==> flow/design.v <==
module sync_mul_core_mod #(
    parameter W = 14
) (
    input  sys_clk,
    input  srst,
    input  signed [W-1:0] rs1_i,
    input  signed [W-1:0] rs2_i,
    output reg signed [2*W-1:0] res_o
);
    reg signed [W-1:0] rs1_d1;
    always @(posedge sys_clk or posedge srst) begin
        if (srst) begin
            rs1_d1 <= 0;
        end else begin
            rs1_d1 <= rs1_i;
        end
    end
    reg signed [W-1:0] rs2_d1;
    always @(posedge sys_clk or posedge srst) begin
        if (srst) begin
            rs2_d1 <= 0;
        end else begin
            rs2_d1 <= rs2_i;
        end
    end
    always @(posedge sys_clk or posedge srst) begin
        if (srst) begin
            res_o <= 0;
        end else begin
            res_o <= rs1_d1 * rs2_d1;
        end
    end
endmodule
* Step by step through the tools: sync_mul_core_mod
Tool output for the design above, in the order of the flow.
Lines are those of the file above, counted from 1.
Library cell names are shortened.
Not given: n/a
- Top :: sync_mul_core_mod
- Clock input :: sys_clk
- Standard-cell library :: sky130hd
- Library corner :: tt_025C_1v80

* After elaboration
Source: Yosys, flattened and elaborated, memories not mapped. Widths are those after wreduce; folded enables and synchronous resets count as part of the registers. Registers that Yosys merges into a memory's read port (data or address) are not register bits. Print and check cells do not count. Equal cells are merged and count once.
- Register bits after elaboration :: 56
- Output and inout port bits :: 28
- Word-level cells :: 4
- Multiply operators :: 1
** Operator list (count)
- multiplier 14 x 14 -> 28 bit :: 1

* Depth
Depth = most cells in a row (Yosys ltp): at word level without a register or memory, in the mapped netlist without a sequential cell, where the memories' decode and read muxes count.
- Word-level depth :: 1
- ABC_AREA :: 0
- Mapped depth :: 21

* After synthesis
Source: synth_stat.txt of the flow (Yosys; design flattened, memories mapped). It holds for the ABC_AREA given above (unset counts as 0); a run with the other value may have another netlist.
The area totals of this step are shown rounded.
** Cells by type
- fa_1 :: count 195, total area 3.9E+03 sq um
- dfrtp_1 :: count 56, total area 1.4E+03 sq um
- ha_1 :: count 67, total area 838.304 sq um
- inv_1 :: count 214, total area 803.27 sq um
- and2_1 :: count 104, total area 650.624 sq um
- nand2_1 :: count 89, total area 334.07 sq um
- xnor2_1 :: count 25, total area 218.96 sq um
- clkbuf_1 :: count 27, total area 101.347 sq um
- nor2_1 :: count 22, total area 82.579 sq um
- a21oi_1 :: count 13, total area 65.062 sq um
- nand3_1 :: count 10, total area 50.048 sq um
- o21ai_0 :: count 9, total area 45.043 sq um
- nor2b_1 :: count 7, total area 43.792 sq um
- xor2_1 :: count 5, total area 43.792 sq um
- nand2b_1 :: count 5, total area 31.28 sq um
- a21o_1 :: count 4, total area 30.029 sq um
- o21ai_1 :: count 5, total area 25.024 sq um
- a211oi_1 :: count 3, total area 22.522 sq um
Not listed: further types 42, cells in them 59.
- Mapped cells :: 919
- Synthesis area :: 9200 sq um
- Mapped flip-flops :: 56

* Path before layout
Source: OpenSTA report_checks on the synthesized netlist (no wires, ideal clock, input and output delay 20% of the period each), path of least setup slack; recovery checks are left aside. Register names are those of the netlist, which keeps one name where synthesis merged equal registers.
- Path type :: register to register
- Start :: register rs1_d1[13]
- End :: register res_o[27]
- Clock period :: 7030 ps
- Setup time :: 80 ps
- Launch time at the first pin :: 0 ps
- Arrival :: 5541 ps
- Slack :: 1409 ps
- Delay of the path :: 5621 ps
- Stages :: 20
- Path buffers :: 2
- Period reached after synthesis :: 5621 ps
"delay of the path" = arrival - input delay + setup time.
"stages": output pins that drive a net of the path, with the launching flip-flop's if there is one; two outputs of one cell count as two.
"period reached after synthesis" is the clock period less the worst setup slack; recovery checks do not enter. This is arithmetic on one report: input and output delays are still those of the set period (20% each).
Between the ends stands the longest chain of elaborated cells between them, by number of cells; it is not shown to be the way that was timed. Of several equally long chains one is given.
Each line given opens the expression or statement behind the cell; cells for indexed reads and writes are added by Yosys, which also makes memories of some case tables.
- Cell sequence :: dfrtp_1 -> clkbuf_1 -> nand2_1 -> fa_1 -> fa_1 -> inv_1 -> fa_1 -> fa_1 -> fa_1 -> inv_1 -> fa_1 -> inv_1 -> ha_1 -> buf_2 -> a211oi_1 -> nor2_1 -> a311oi_2 -> o31ai_1 -> o22ai_1 -> xnor2_1
- Cells in the longest elaborated chain :: 1
** Ends and longest elaborated chain, post-synthesis
- start: declaration :: line 10 : reg signed [W-1:0] rs1_d1;
- start: assignment :: line 13 : rs1_d1 <= 0;
- start: assignment :: line 15 : rs1_d1 <= rs1_i;
- multiplier 14 x 14 -> 28 bit :: line 30 : res_o <= rs1_d1 * rs2_d1;
- end: assignment :: line 28 : res_o <= 0;
- end: assignment :: line 30
- end: declaration :: line 8 : output reg signed [2*W-1:0] res_o

* Path in the finished layout
Path of least setup slack in the final report of run 2 (OpenROAD, finished layout, wires in). Where an end is a register, its clock arrival counts in the times.
The report prints the path's times to 10 ps; the period is as set.
- Path type :: register to register
- Start :: register rs2_d1[5]
- End :: register res_o[26]
- Clock period :: 7030 ps
- Setup time :: 80 ps
- Launch time at the first pin :: 310 ps
- Arrival :: 6430 ps
- Slack :: 840 ps
- Stages :: 20
- Path buffers :: 0
Between the ends stands the longest chain of elaborated cells between them, by number of cells; it is not shown to be the way that was timed. Of several equally long chains one is given.
- Cell sequence :: dfrtp_1 -> nand2_1 -> fa_1 -> inv_1 -> fa_1 -> inv_1 -> fa_1 -> inv_1 -> fa_1 -> inv_1 -> fa_1 -> fa_1 -> inv_1 -> ha_1 -> nand4_1 -> nor3_1 -> and3_1 -> a211oi_1 -> o21ai_1 -> xor2_1
- Cells in the longest elaborated chain :: 1
** Ends and longest elaborated chain, after layout
- start: declaration :: line 18 : reg signed [W-1:0] rs2_d1;
- start: assignment :: line 21 : rs2_d1 <= 0;
- start: assignment :: line 23 : rs2_d1 <= rs2_i;
- multiplier 14 x 14 -> 28 bit :: line 30 : res_o <= rs1_d1 * rs2_d1;
- end: assignment :: line 28 : res_o <= 0;
- end: assignment :: line 30
- end: declaration :: line 8 : output reg signed [2*W-1:0] res_o

Wiki page: sync_mul_core_mod / flow data

Flow measurements of sync_mul_core_mod on sky130hd: 3 stored runs with different settings, listed in no order. Input and output delays are each 20% of the period that was set; the output load is 0.01 pF.
By "reached clock period" is meant the clock period of the run minus its worst setup slack. This is arithmetic on one report: input and output delays are still those of the set period (20% each).
"time of the worst setup path" means the part of the period allowed to the worst setup path (the constraints hold back 20% at inputs and 20% at outputs) less its slack; where the path has registers, the arrival times of their clocks count too.
"time of the worst setup path" is known to 10 ps.
The measured numbers are rounded.

** Run 1
- Settings :: period_ns=7.2; CORE_UTILIZATION=71; SETUP_SLACK_MARGIN=1.35; PLACE_DENSITY_LB_ADDON=0.27; CORE_ASPECT_RATIO=1.0; CELL_PAD_IN_SITES_DETAIL_PLACEMENT=2; GPL_ROUTABILITY_DRIVEN=1; CTS_CLUSTER_DIAMETER=153; CAP_MARGIN=15; SLEW_MARGIN=20; MIN_ROUTING_LAYER=met2; CORE_MARGIN=2
- Outcome :: not finished: placement ended with error DPL-0033

** Run 2
- Settings :: period_ns=7.03; CAP_MARGIN=20; CORE_MARGIN=2; CORE_UTILIZATION=40; SLEW_MARGIN=20
- Standard-cell area after layout :: 10000 sq um
- Synthesis area :: 9200 sq um
- Setup slack of the worst path :: 840 ps
- Die size :: 24000 sq um
- Utilization after layout :: 45%
- Time of the worst setup path :: 6190 ps
- Critical path type :: register to register
- Reached clock period :: 6194 ps
- Post-route worst hold slack :: 800 ps
- Total negative slack on setup checks :: 0 ps

** Run 3
- Settings :: period_ns=11.0; CORE_UTILIZATION=70; SETUP_SLACK_MARGIN=0.45; PLACE_DENSITY=0.87; CORE_ASPECT_RATIO=0.68; CELL_PAD_IN_SITES_GLOBAL_PLACEMENT=1; SLEW_MARGIN=10; CAP_MARGIN=20; CORE_MARGIN=2
- Time of the worst setup path :: 6210 ps
- Critical path type :: register to register
- Total negative slack on setup checks :: 0 ps
- Reached clock period :: 6205 ps
- Setup slack of the worst path :: 4800 ps
- Synthesis area :: 9200 sq um
- Standard-cell area after layout :: 10000 sq um
- Post-route worst hold slack :: 800 ps
- Utilization after layout :: 78%
- Die size :: 14000 sq um
